==> flow/design.v <==
module alu_addsub #(
    parameter integer WD = 8
) (
    input logic clk_i,
    input logic nrst,
    input logic [WD-1:0] arg0_in,
    input logic sub_in,
    input logic clear_in,
    output logic [WD-1:0] result_out
);
    logic [WD-1:0] cnt;
    always_ff @(posedge clk_i or negedge nrst) begin
        if (~nrst) begin
            cnt <= '0;
        end else begin
            cnt <= clear_in ? arg0_in : sub_in ? cnt - arg0_in : cnt + arg0_in;
        end
    end
    assign result_out = cnt;
endmodule
# Reports on alu_addsub
# Tool output for the members of one design family, told apart by "WD", in the order of the flow.
# The RTL above is that of WD=8; lines are counted from 1 in the file of the member named.
# Operators: Yosys type, input widths -> output width; for muxes data width and select width s.
# Cell names lack the library's common part.
# The mark - stands for no value.
# design
top,alu_addsub
clk_port,clk_i
lib,sky130hd
corner,tt_025C_1v80

# Members of the sweep
# Lines of each other member's file that are new or changed against the file above; lines that a member lacks are not shown.
# src_changes
WD,line,rtl
14,2,parameter integer WD = 14
16,2,parameter integer WD = 16
20,2,parameter integer WD = 20
24,2,parameter integer WD = 24
28,2,parameter integer WD = 28
36,2,parameter integer WD = 36
40,2,parameter integer WD = 40

# After elaboration
# Source: Yosys, flattened and elaborated, memories not mapped. Widths are those after wreduce; folded enables and synchronous resets count as part of the registers. Registers that Yosys merges into a memory's read port (data or address) are not register bits. Print and check cells do not count. Equal cells are merged and count once.
# word_totals
WD,regBits,latch_bits,ramBits,rom_bits,clocked_rd_ports_x_width,memories,inputBits,output_inout_bits,word_cells
8,8,0,0,0,0,0,12,8,5
14,14,0,0,0,0,0,18,14,5
16,16,0,0,0,0,0,20,16,5
20,20,0,0,0,0,0,24,20,5
24,24,0,0,0,0,0,28,24,5
28,28,0,0,0,0,0,32,28,5
36,36,0,0,0,0,0,40,36,5
40,40,0,0,0,0,0,44,40,5
# classes
WD,n_addsub,multipliers,n_div,n_cmp,equal,shifts,mux,bitwise,reduce_and_logical
8,2,0,0,0,0,0,2,0,0
14,2,0,0,0,0,0,2,0,0
16,2,0,0,0,0,0,2,0,0
20,2,0,0,0,0,0,2,0,0
24,2,0,0,0,0,0,2,0,0
28,2,0,0,0,0,0,2,0,0
36,2,0,0,0,0,0,2,0,0
40,2,0,0,0,0,0,2,0,0
# op_table
WD,operators
8,$mux 8 (2); $add 8x8->8 (1); $sub 8x8->8 (1)
14,$mux 14 (2); $add 14x14->14 (1); $sub 14x14->14 (1)
16,$mux 16 (2); $add 16x16->16 (1); $sub 16x16->16 (1)
20,$mux 20 (2); $add 20x20->20 (1); $sub 20x20->20 (1)
24,$mux 24 (2); $add 24x24->24 (1); $sub 24x24->24 (1)
28,$mux 28 (2); $add 28x28->28 (1); $sub 28x28->28 (1)
36,$mux 36 (2); $add 36x36->36 (1); $sub 36x36->36 (1)
40,$mux 40 (2); $add 40x40->40 (1); $sub 40x40->40 (1)

# Depth
# Longest topological path by Yosys (ltp), each cell counted once; first at word level (registers and memories cut), then after technology mapping (sequential cells cut; the memories' decode and read muxes count).
# depth
WD,ltp_word,abc_area,depth_mapped
8,3,0,11
14,3,0,13
16,3,0,14
20,3,0,16
24,3,0,15
28,3,0,15
36,3,0,19
40,3,0,19

# Synthesis result
# Source: synth_stat.txt of the flow (Yosys; design flattened, memories mapped). It holds for the ABC_AREA given above (unset counts as 0); a run with the other value may have another netlist.
# The area totals of this step are shown rounded.
# by_type
WD,type_list
8,dfrtp_1 (8); ha_1 (8); xnor2_1 (9); xor2_1 (4); inv_1 (8); a21oi_1 (5); a31oi_1 (4); a21o_1 (3); nand2_1 (6); fa_1 (1); mux2i_1 (2); nor3_2 (2); o21ai_0 (4); nor2_1 (4); mux2_2 (1); a31o_2 (1); and4_1 (1); clkbuf_1 (2); (+3)
14,dfrtp_1 (14); ha_1 (14); xnor2_1 (16); a21oi_1 (15); nand2_1 (14); nor2_1 (13); nor4_4 (2); o21ai_0 (8); a21o_1 (5); inv_1 (10); mux2i_1 (3); o31ai_1 (4); xor2_1 (3); nor3_1 (5); a221o_1 (2); fa_1 (1); a31oi_1 (3); and3_1 (3); (+37)
16,dfrtp_1 (16); ha_1 (16); xnor2_1 (17); nor2_1 (25); o21ai_0 (13); a21oi_1 (11); nand2_1 (14); a21o_1 (6); xor2_1 (5); mux2_2 (3); nor4_1 (5); o21a_1 (4); o31ai_1 (4); inv_1 (6); mux4_2 (1); fa_1 (1); mux2i_1 (2); nor3_1 (4); (+44)
20,dfrtp_1 (20); ha_1 (20); xnor2_1 (27); a21oi_1 (26); nand2_1 (31); nor2_1 (25); o21ai_0 (18); nor4_4 (3); a21o_1 (6); inv_1 (11); nor3_1 (7); a21oi_2 (3); xor2_1 (3); o21ai_1 (5); a211oi_1 (3); clkbuf_1 (6); o21bai_1 (3); o21bai_2 (2); (+44)
24,dfrtp_1 (24); ha_1 (25); xnor2_1 (32); o21ai_0 (29); a21oi_1 (28); nand2_1 (37); nor2_1 (30); xor2_1 (8); a21o_1 (8); a31oi_1 (8); a221oi_2 (3); nor3_1 (9); mux2i_1 (4); inv_1 (10); clkbuf_1 (9); o21bai_1 (4); nand2b_1 (4); nand3_1 (5); (+55)
28,dfrtp_1 (28); ha_1 (28); xnor2_1 (34); a21oi_1 (42); nand2_1 (51); o21ai_0 (35); nor2_1 (35); inv_1 (23); xor2_1 (9); a21o_1 (8); nor3_1 (11); or4_1 (6); a31oi_1 (6); clkbuf_1 (10); mux2i_1 (3); o2111ai_1 (3); nand2b_1 (4); nand3_1 (5); (+67)
36,dfrtp_1 (36); ha_1 (36); xnor2_1 (42); a21oi_1 (61); nand2_1 (64); o21ai_0 (46); nor2_1 (51); xor2_1 (17); inv_1 (19); a21o_1 (9); o21bai_1 (8); clkbuf_1 (15); nor3_1 (11); nand3_1 (10); a31oi_1 (7); o31ai_1 (5); and3_1 (5); nor4_1 (5); (+63)
40,dfrtp_1 (40); ha_1 (40); xnor2_1 (55); a21oi_1 (60); nand2_1 (68); o21ai_0 (48); nor2_1 (52); a21o_1 (23); xor2_1 (15); clkbuf_1 (25); nor3_1 (18); inv_1 (23); nand4_1 (13); nand2b_1 (9); a211oi_1 (7); nand3_1 (9); or4_1 (6); a31oi_1 (6); (+94)
# The mark (+n) counts cells that are not listed.
# mapped
WD,cell_count,mapped_area_um2,flip_flops,buffers
8,76,690.7,8,2
14,172,1453,14,5
16,197,1659,16,5
20,263,2167,20,7
24,332,2638,24,14
28,408,3125,28,14
36,510,3879,36,15
40,611,4619,40,30

# Path before layout
# OpenSTA on the mapped netlist: ideal clock, no wires. The path of least setup slack (recovery checks aside). Input and output delay are each 20% of the period. Register names are those of the netlist, which keeps one name where synthesis merged equal registers.
# synth_timing
WD,path_kind,start,end,tclk_ns,setup_slack_ns,path_stages,delay_ns,period_less_setup_slack_ns
8,input to register,input port arg0_in[0],register cnt[7],2.85,0.458,11,1.822,2.392
14,input to register,input port arg0_in[5],register cnt[13],3.56,0.567,11,2.280,2.993
16,input to register,input port arg0_in[4],register cnt[15],4.84,0.776,12,3.097,4.064
20,input to register,input port arg0_in[0],register cnt[18],3.92,0.628,14,2.508,3.292
24,input to register,input port arg0_in[8],register cnt[23],4.49,0.721,15,2.871,3.769
28,input to register,input port arg0_in[4],register cnt[27],5.07,0.810,14,3.246,4.26
36,input to register,input port arg0_in[5],register cnt[33],5.94,0.947,15,3.804,4.993
40,input to register,input port arg0_in[14],register cnt[39],5.48,0.877,17,3.508,4.603
# "delay_ns" is the arrival time less input delay plus setup time.
# "path_stages" counts driving pins, that of a launching flip-flop among them; a cell with two outputs on the path counts twice.
# "period_less_setup_slack_ns" is the clock period less the worst setup slack; recovery checks do not enter. This is arithmetic on one report: input and output delays are still those of the set period (20% each).
# The rows between start and end are the longest chain of elaborated cells between them; the timing report does not say that the signal goes this way. Where chains are equally long, one stands for them.
# Each line given opens the expression or statement behind the cell; cells for indexed reads and writes are added by Yosys, which also makes memories of some case tables.
# synth_between_WD_8
elab_chain_cells,3
# synth_lines_WD_8
item,line,rtl
"start, declared",6,"input logic [WD-1:0] arg0_in,"
$add 8x8->8,16,cnt <= clear_in ? arg0_in : sub_in ? cnt - arg0_in : cnt + arg0_in;
$mux 8 x2,16,
"end, assigned",14,cnt <= '0;
"end, assigned",16,
"end, declared",11,logic [WD-1:0] cnt;
# synth_between_WD_40
elab_chain_cells,3
# synth_lines_WD_40
item,line,rtl
"start, declared",6,"input logic [WD-1:0] arg0_in,"
$add 40x40->40,16,cnt <= clear_in ? arg0_in : sub_in ? cnt - arg0_in : cnt + arg0_in;
$mux 40 x2,16,
"end, assigned",14,cnt <= '0;
"end, assigned",16,
"end, declared",11,logic [WD-1:0] cnt;

# Worst path after layout
# From the final timing report of the run of each member: the path of least setup slack in the routed layout; clock arrival at registers is part of the times.
# layout_timing
WD,path_kind,start,end,tclk_ns,setup_slack_ns,path_stages,arrival_time_ns,path_buffers
8,input to register,input port arg0_in[0],register cnt[7],2.85,0.17,12,2.83,1
14,input to register,input port arg0_in[4],register cnt[13],3.56,0.23,11,3.56,1
16,input to register,input port arg0_in[4],register cnt[15],4.84,0.42,13,4.56,1
20,input to register,input port arg0_in[3],register cnt[17],3.92,0.27,15,3.78,2
24,input to register,input port arg0_in[9],register cnt[23],4.49,0.20,16,4.50,2
28,input to register,input port arg0_in[4],register cnt[27],5.07,0.30,15,4.99,2
36,input to register,input port arg0_in[3],register cnt[33],5.94,0.47,14,5.62,1
40,input to register,input port arg0_in[14],register cnt[38],5.48,0.24,16,5.44,1

# Flow runs
# Settings and results of one run of the flow (Yosys, OpenROAD) for each member follow. The constraints put input and output delay at 20% of the set period each and load the outputs with 0.01 pF.
# settings
CAP_MARGIN,20
CORE_MARGIN,2
CORE_UTILIZATION,40
SLEW_MARGIN,20
# settings_diff
WD,period_ns
8,2.85
14,3.56
16,4.84
20,3.92
24,4.49
28,5.07
36,5.94
40,5.48
# measured
WD,yosys_chip_area_um2,dieArea_um2,cell_area_final_um2,fin_util_frac,worstSetupSlack_ns,fin_power_uw,achieved_clock_period_ns
8,690.7,2075,1036,0.62,0.168,848.3,2.682
14,1453,4129,2002,0.586,0.231,1311,3.329
16,1659,4679,2125,0.531,0.419,1095,4.421
20,2167,6023,2977,0.575,0.269,1994,3.651
24,2638,7259,3497,0.551,0.203,2147,4.287
28,3125,8537,4026,0.527,0.302,2131,4.768
36,3879,10500,4878,0.523,0.472,2232,5.468
40,4619,12420,5898,0.521,0.239,3158,5.241
# "achieved_clock_period_ns" means the clock period less the worst setup slack. The figure is calculated, with input and output delays left at 20% of the set period.
# By "fin_power_uw" is meant OpenSTA's value without simulated activity: inputs other than the clock are taken to toggle once in ten clock periods, and the tool carries that through the logic.
# The results are shown rounded.
